==> flow/design.v <==
module mult_top #(
    parameter int BITS = 10
) (
    input logic aclk,
    input logic adv,
    input logic signed [BITS-1:0] rs1,
    input logic signed [BITS-1:0] rs2,
    output logic signed [2*BITS-1:0] m
);
    logic signed [BITS-1:0] rs1_d1;
    logic signed [BITS-1:0] rs2_d1;
    assign m = rs1_d1 * rs2_d1;
    always_ff @(posedge aclk) begin
        if (adv) begin
            rs1_d1 <= rs1;
            rs2_d1 <= rs2;
        end
    end
endmodule
* Tool chain data of mult_top
The steps from the RTL of mult_top to its reports follow in flow order. Lines are those of the file above, counted from 1. Operators carry their Yosys type and port widths (W data, S select, Z words). Library cell names are shortened. A cell with n/a has no value.
Design: top mult_top, clock input aclk, cell library sky130hd, timing corner tt_025C_1v80

* Word level
Source: Yosys, flattened and elaborated, memories not mapped. Widths are those after wreduce; folded enables and synchronous resets count as part of the registers. Registers that Yosys merges into a memory's read port (data or address) are not register bits. Print and check cells do not count. Equal cells are merged and count once.
Cells by class: $mul 1
Operators by type and width (count):
- $mul A10 B10 Y20 | 1
Storage and ports: output and inout bits 20, cells after elaboration 3, input bits 22, bits in registers 20

* Longest topological paths
Longest topological path by Yosys (ltp), each cell counted once; first at word level (registers and memories cut), then after technology mapping (sequential cells cut; the memories' decode and read muxes count).
Depth: depth in word-level cells 1, ABC_AREA 1, mapped depth 23, depth with buffers taken out 22

* Synthesis result
Yosys stat after the flow's synthesis: flattened, memories mapped to cells. It holds for the ABC_AREA given above (unset counts as 0); a run with the other value may have another netlist. Totals and module areas in this step are rounded.
Cells by type:
- fa_1 | count 91, total area 1.82E+03 µm²
- inv_1 | count 194, total area 728.198 µm²
- nand2_1 | count 173, total area 649.373 µm²
- ha_1 | count 49, total area 613.088 µm²
- edfxtp_1 | count 20, total area 600.576 µm²
- nand3_1 | count 22, total area 110.106 µm²
- xor2_1 | count 10, total area 87.584 µm²
- clkbuf_1 | count 20, total area 75.072 µm²
- a21oi_1 | count 12, total area 60.058 µm²
- nor2_1 | count 16, total area 60.058 µm²
- or2_2 | count 4, total area 25.024 µm²
- nand3_2 | count 2, total area 20.019 µm²
- o21ai_0 | count 4, total area 20.019 µm²
- a21oi_2 | count 2, total area 17.517 µm²
- a21oi_4 | count 1, total area 16.266 µm²
- nand2_2 | count 2, total area 12.512 µm²
- nor2_2 | count 2, total area 12.512 µm²
- buf_6 | count 1, total area 11.261 µm²
Other cell types: 8; their cells: 8.
Synthesis totals: cells in the netlist 633, area of sequential cells 600 µm², flip-flops 20, synthesis area 5000 µm², buffers 21

* Path before layout
OpenSTA on the mapped netlist: ideal clock, no wires. The path of least setup slack (recovery checks aside). Input and output delay are each 20% of the period. Register names are those of the netlist, which keeps one name where synthesis merged equal registers.
Path post-synthesis: kind flip-flop to output port, start point register rs2_d1[1], end point output m[19], launch time at the first pin 0.000 ns, period 7.5 ns, required time 6.000 ns, output delay 1.500 ns, driving pins on the path 19, path buffers 1, delay of the path 4.572 ns, arrival 4.572 ns, slack 1.428 ns, period reached after synthesis 6.072 ns
"delay of the path" is the arrival time less input delay plus setup time. A path that ends at an output port has no setup time. "driving pins on the path": output pins that drive a net of the path, with the launching flip-flop's if there is one; two outputs of one cell count as two. "period reached after synthesis" is the clock period less the worst setup slack; recovery checks do not enter. This is arithmetic on one report: input and output delays are still those of the set period (20% each). The rows between start and end are the longest chain of elaborated cells between them; the timing report does not say that the signal goes this way. Where chains are equally long, one stands for them. Each line given opens the expression or statement behind the cell; cells for indexed reads and writes are added by Yosys, which also makes memories of some case tables.
Between the ends, post-synthesis: path through edfxtp_1 -> clkbuf_1 -> nand2_1 -> fa_1 -> fa_1 -> inv_1 -> fa_1 -> inv_1 -> fa_1 -> inv_1 -> fa_1 -> ha_1 -> nand2_1 -> nor2_1 -> and2_1 -> nand2_1 -> nand2_1 -> nand3_1 -> nand2_1, cells in the longest elaborated chain 1, elaborated cells on any way between the ends 1, RTL lines with such cells 1, classes of those cells mul (1)
Ends and longest elaborated chain, post-synthesis:
- from (decl) | RTL line 11 | logic signed [BITS-1:0] rs2_d1;
- from (assign) | RTL line 16 | rs2_d1 <= rs2;
- $mul A10 B10 Y20 | RTL line 12 | assign m = rs1_d1 * rs2_d1;
- to (decl) | RTL line 8 | output logic signed [2*BITS-1:0] m

* Path in the finished layout
From the final timing report of job 1: the path of least setup slack in the routed layout; clock arrival at registers is part of the times.
Path post-layout: kind flip-flop to output port, start point register rs2_d1[1], end point output m[19], path buffers 2, required time 7.39 ns, driving pins on the path 20, launch time at the first pin 0.25 ns, output delay 1.85 ns, arrival 5.93 ns, period 9.24 ns, slack 1.47 ns
The rows between start and end are the longest chain of elaborated cells between them; the timing report does not say that the signal goes this way. Where chains are equally long, one stands for them.
Between the ends, post-layout: path through edfxtp_1 -> clkbuf_1 -> nand2_1 -> fa_1 -> inv_1 -> fa_1 -> fa_1 -> fa_1 -> inv_1 -> fa_1 -> inv_1 -> ha_1 -> nand2_1 -> nor2_2 -> and2_1 -> nand2_1 -> nand2_1 -> nand3_1 -> nand2_1 -> clkdlybuf4s50_1, cells in the longest elaborated chain 1, elaborated cells on any way between the ends 1, RTL lines with such cells 1, classes of those cells mul (1)
Ends and longest elaborated chain, post-layout:
- from (decl) | RTL line 11 | logic signed [BITS-1:0] rs2_d1;
- from (assign) | RTL line 16 | rs2_d1 <= rs2;
- $mul A10 B10 Y20 | RTL line 12 | assign m = rs1_d1 * rs2_d1;
- to (decl) | RTL line 8 | output logic signed [2*BITS-1:0] m

FLOW RESULTS
============

Settings and measured results of 3 stored flow runs for module mult_top (sky130hd), not sorted in any way. The constraints put input and output delay at 20% of the set period each and load the outputs with 0.01 pF.
"achieved clock period" = clock period - worst setup slack. The figure is calculated, with input and output delays left at 20% of the set period.
"worst setup path time" is the time allowed to the run's worst setup path (the clock period less input and output delay, where it has them) less its slack. Clock arrival times count: a late capture clock shortens it, a late launch clock lengthens it.
Measured values are rounded.
[job 1] settings: period_ns=9.24, CORE_UTILIZATION=34, SETUP_SLACK_MARGIN=0.5, PLACE_DENSITY=0.88, CORE_ASPECT_RATIO=0.71, CELL_PAD_IN_SITES_GLOBAL_PLACEMENT=1, ABC_AREA=1, GPL_TIMING_DRIVEN=0, CAP_MARGIN=30, SLEW_MARGIN=20, CORE_MARGIN=2
[job 1] result: chip area after synthesis (Yosys) 5000 µm², die area 16000 µm², standard-cell area of the final layout 5700 µm², utilization 40%, worst setup slack after layout 1.5 ns, total negative slack 0.000 ns, worst hold slack 2.1 ns, achieved clock period 7.773 ns, worst setup path time 5.93 ns, worst setup path kind flip-flop to output port
[job 2] settings: period_ns=7.5, CAP_MARGIN=20, CORE_MARGIN=2, CORE_UTILIZATION=40, SLEW_MARGIN=20
[job 2] result: chip area after synthesis (Yosys) 4700 µm², die area 13000 µm², standard-cell area of the final layout 5400 µm², utilization 48%, worst setup slack after layout 0.23 ns, total negative slack 0.000 ns, worst hold slack 1.8 ns, achieved clock period 7.272 ns, worst setup path time 5.77 ns, worst setup path kind flip-flop to output port
[job 3] settings: period_ns=7.86, CORE_UTILIZATION=45, PLACE_DENSITY=0.57, CORE_ASPECT_RATIO=1.87, CELL_PAD_IN_SITES_GLOBAL_PLACEMENT=3, TNS_END_PERCENT=95, ABC_AREA=0, MIN_ROUTING_LAYER=met2, CAP_MARGIN=20, CORE_MARGIN=2, SLEW_MARGIN=20
[job 3] result: chip area after synthesis (Yosys) 4700 µm², die area 11000 µm², standard-cell area of the final layout 5300 µm², utilization 52%, worst setup slack after layout 0.38 ns, total negative slack 0.000 ns, worst hold slack 1.9 ns, achieved clock period 7.480 ns, worst setup path time 5.91 ns, worst setup path kind flip-flop to output port
